==> flow/design.v <==
module ex_as_core_stage #(
    parameter integer DATA_WIDTH = 16
) (
    input  logic aclk,
    input  logic rst_n,
    input  logic [DATA_WIDTH-1:0] da_i,
    input  logic [DATA_WIDTH-1:0] db_i,
    input  logic subtract_i,
    output logic [DATA_WIDTH-1:0] result_o,
    output logic carry_out_o
);
    logic [DATA_WIDTH-1:0] r_da;
    always_ff @(posedge aclk) begin
        if (!rst_n) begin
            r_da <= 0;
        end else begin
            r_da <= da_i;
        end
    end
    logic [DATA_WIDTH-1:0] r_db;
    always_ff @(posedge aclk) begin
        if (!rst_n) begin
            r_db <= 0;
        end else begin
            r_db <= db_i;
        end
    end
    logic r_subtract;
    always_ff @(posedge aclk) begin
        if (!rst_n) begin
            r_subtract <= 1'b0;
        end else begin
            r_subtract <= subtract_i;
        end
    end
    logic [DATA_WIDTH-1:0] aux;
    assign aux = r_db ^ {DATA_WIDTH{r_subtract}};
    logic [DATA_WIDTH:0] val;
    assign val = r_da + aux + r_subtract;
    assign result_o = val[DATA_WIDTH-1:0];
    assign carry_out_o = val[DATA_WIDTH];
endmodule
[From RTL to reports: ex_as_core_stage]
Tool output for the design above, in the order of the flow.
Lines are those of the file above, counted from 1.
Operators: Yosys type, input widths -> output width; for muxes data width and select width s.
Library cell names are shortened.
The mark n/a stands for no value.
Set-up
  top module: ex_as_core_stage
  clock port: aclk
  standard-cell library: sky130hd
  timing corner: tt_025C_1v80

[After elaboration]
Yosys after proc, flatten, opt, wreduce and memory -nomap, before mapping. Enables and synchronous resets that opt folds into registers are not counted as muxes. Memory bits, and registers merged into a memory's read port (data or address), are not among the register bits. Print and check cells are not counted. Equal cells are merged and count once.
Word-level totals
  bits in registers: 33
  bits of input ports: 35
  cells after elaboration: 6
  output and inout port bits: 17
Operators by class
  add/subtract/negate cells: 2
  bitwise operators: 1
Operators by type and width (count)
  $add 16x16->17: 1
  $add 17x1->17: 1
  $xor 16x16->16: 1

[Depth]
Yosys ltp: most cells in a row. Word level: on the elaborated netlist, between registers, memories and ports. Mapped: between sequential cells and ports; inverters and the memories' decode and read muxes count.
Logic depth
  word-level depth: 3
  ABC_AREA: 0
  depth in mapped cells: 11
  mapped depth without buffers: 9

[Synthesis result]
The flow's flattened synthesis, as Yosys stat reports it; memories are mapped. The netlist is that of the ABC_AREA named above (0 if unset); the other value can give another one.
Mapped netlist
  sequential area: 660.6 um2
  standard cells after synthesis: 191
  mapped flip-flops: 33
  buffers: 8
  synthesis area: 1798.0 um2
Cell types
  dfxtp_1: count 33, area in all 660.634 um2
  and2_1: count 33, area in all 206.448 um2
  ha_1: count 16, area in all 200.192 um2
  xor2_1: count 20, area in all 175.168 um2
  xnor2_1: count 8, area in all 70.067 um2
  a21oi_1: count 11, area in all 55.053 um2
  a31oi_1: count 5, area in all 31.28 um2
  and3_1: count 5, area in all 31.28 um2
  a21o_1: count 4, area in all 30.029 um2
  mux2i_1: count 3, area in all 30.029 um2
  nor2_1: count 8, area in all 30.029 um2
  nand2_1: count 6, area in all 22.522 um2
  o21a_1: count 3, area in all 22.522 um2
  fa_1: count 1, area in all 20.019 um2
  o21ai_0: count 4, area in all 20.019 um2
  a221oi_2: count 1, area in all 15.014 um2
  buf_2: count 3, area in all 15.014 um2
  clkbuf_1: count 4, area in all 15.014 um2
Other cell types: 17; their cells: 23.

[Worst setup path after synthesis]
OpenSTA on the mapped netlist: ideal clock, no wires. The path of least setup slack (recovery checks aside). Input and output delay are each 20% of the period. Register names are those of the netlist, which keeps one name where synthesis merged equal registers.
Path after synthesis
  kind: reg2out
  start point: reg r_subtract
  end point: out result_o[14]
  required time: 2896 ps
  clock period: 3620 ps
  path buffers: 3
  path slack: 582 ps
  output delay: 724 ps
  stages on the path: 12
  path delay: 2314 ps
  launch time at the first pin: 0 ps
  arrival: 2314 ps
  synthesis period reached: 3038 ps
"path delay" is the arrival time less input delay plus setup time.
A path that ends at an output port has no setup time.
"stages on the path" counts driving pins, that of a launching flip-flop among them; a cell with two outputs on the path counts twice.
"synthesis period reached" = period - worst setup slack (recovery checks aside). The figure is calculated, with input and output delays left at 20% of the set period.
The rows between start and end are the longest chain of elaborated cells between them; the timing report does not say that the signal goes this way. Where chains are equally long, one stands for them.
Each line given opens the expression or statement behind the cell; cells for indexed reads and writes are added by Yosys, which also makes memories of some case tables.
On the way, after synthesis
  cell sequence: dfxtp_1 buf_4 buf_2 xor2_1 ha_1 buf_2 a21oi_2 o21ai_0 a21o_1 a221oi_2 a21oi_1 xor2_1
  length of the longest elaborated chain: 3
  elaborated cells between the ends (all ways): 3
  RTL lines with such cells: 2
  those cells by class: add/sub: 2; logic: 1
RTL lines, path after synthesis
  start, declared: line 28  | logic r_subtract;
  start, assigned: line 31  | r_subtract <= 1'b0;
  start, assigned: line 33  | r_subtract <= subtract_i;
  $xor 16x16->16: line 37  | assign aux = r_db ^ {DATA_WIDTH{r_subtract}};
  $add 16x16->17: line 39  | assign val = r_da + aux + r_subtract;
  $add 17x1->17: line 39
  end, declared: line 9  | output logic [DATA_WIDTH-1:0] result_o,

[Path in the finished layout]
From the final timing report of job 2: the path of least setup slack in the routed layout; clock arrival at registers is part of the times.
The path's times are printed in steps of 10 ps; the period is the one set.
Path after layout
  kind: reg2out
  start point: reg r_subtract
  end point: out result_o[7]
  output delay: 720 ps
  path buffers: 2
  required time: 2900 ps
  stages on the path: 10
  path slack: 70 ps
  launch time at the first pin: 270 ps
  clock period: 3620 ps
  arrival: 2820 ps
The rows between start and end are the longest chain of elaborated cells between them; the timing report does not say that the signal goes this way. Where chains are equally long, one stands for them.
On the way, after layout
  cell sequence: dfxtp_4 buf_6 xor2_2 ha_1 a21o_1 or3_1 a31oi_1 nor2_1 xor2_1 clkdlybuf4s50_1
  length of the longest elaborated chain: 3
  elaborated cells between the ends (all ways): 3
  RTL lines with such cells: 2
  those cells by class: add/sub: 2; logic: 1
RTL lines, path after layout
  start, declared: line 28  | logic r_subtract;
  start, assigned: line 31  | r_subtract <= 1'b0;
  start, assigned: line 33  | r_subtract <= subtract_i;
  $xor 16x16->16: line 37  | assign aux = r_db ^ {DATA_WIDTH{r_subtract}};
  $add 16x16->17: line 39  | assign val = r_da + aux + r_subtract;
  $add 17x1->17: line 39
  end, declared: line 9  | output logic [DATA_WIDTH-1:0] result_o,

# Flow runs of ex_as_core_stage

Module ex_as_core_stage, platform sky130hd: 3 stored runs of the flow (Yosys, OpenROAD) with differing settings, in no particular order. Input and output delays are each 20% of the period that was set; the output load is 0.01 pF.
"achieved clock period" is the run's clock period less its worst setup slack. It is reckoned from that one timing run; input and output delays stay at 20% of the period that was set.
"time of the worst setup path" is the time allowed to the run's worst setup path (the clock period less input and output delay, where it has them) less its slack. Clock arrival times count: a late capture clock shortens it, a late launch clock lengthens it.
"power consumption" is the tool's figure for a default switching activity; nothing was simulated.
"time of the worst setup path" is given in steps of 10 ps.

==> job 1: settings <==
{ "period_ns": 5.54, "CORE_UTILIZATION": 67, "PLACE_DENSITY_LB_ADDON": 0.01, "CELL_PAD_IN_SITES_GLOBAL_PLACEMENT": 2, "CELL_PAD_IN_SITES_DETAIL_PLACEMENT": 0, "GPL_TIMING_DRIVEN": 0, "CTS_CLUSTER_SIZE": 88, "SLEW_MARGIN": 35, "MAX_ROUTING_LAYER": "met4", "CAP_MARGIN": 20, "CORE_MARGIN": 2 }
==> job 1: results <==
no results, placement failed with FLW-0024

==> job 2: settings <==
{ "period_ns": 3.62, "CAP_MARGIN": 20, "CORE_MARGIN": 2, "CORE_UTILIZATION": 40, "SLEW_MARGIN": 20 }
==> job 2: results <==
Yosys chip area after synthesis: 1798.0 um2
die area: 5047.4 um2
standard-cell area after layout: 2581.2 um2
utilization in the final report: 59.3 %
setup slack of the critical path: 71 ps
summed negative setup slack: 0 ps
worst hold slack in the final report: 1016 ps
power consumption: 1.024 mW
achieved clock period: 3549 ps
time of the worst setup path: 2820 ps
kind of the worst setup path: reg2out

==> job 3: settings <==
{ "period_ns": 3.9, "CORE_UTILIZATION": 51, "SETUP_SLACK_MARGIN": 0.6, "PLACE_DENSITY_LB_ADDON": 0.01, "CELL_PAD_IN_SITES_DETAIL_PLACEMENT": 2, "TNS_END_PERCENT": 100, "ABC_AREA": 0, "MIN_ROUTING_LAYER": "met1", "CAP_MARGIN": 20, "CORE_MARGIN": 2, "SLEW_MARGIN": 20 }
==> job 3: results <==
no results, placement failed with DPL-0033
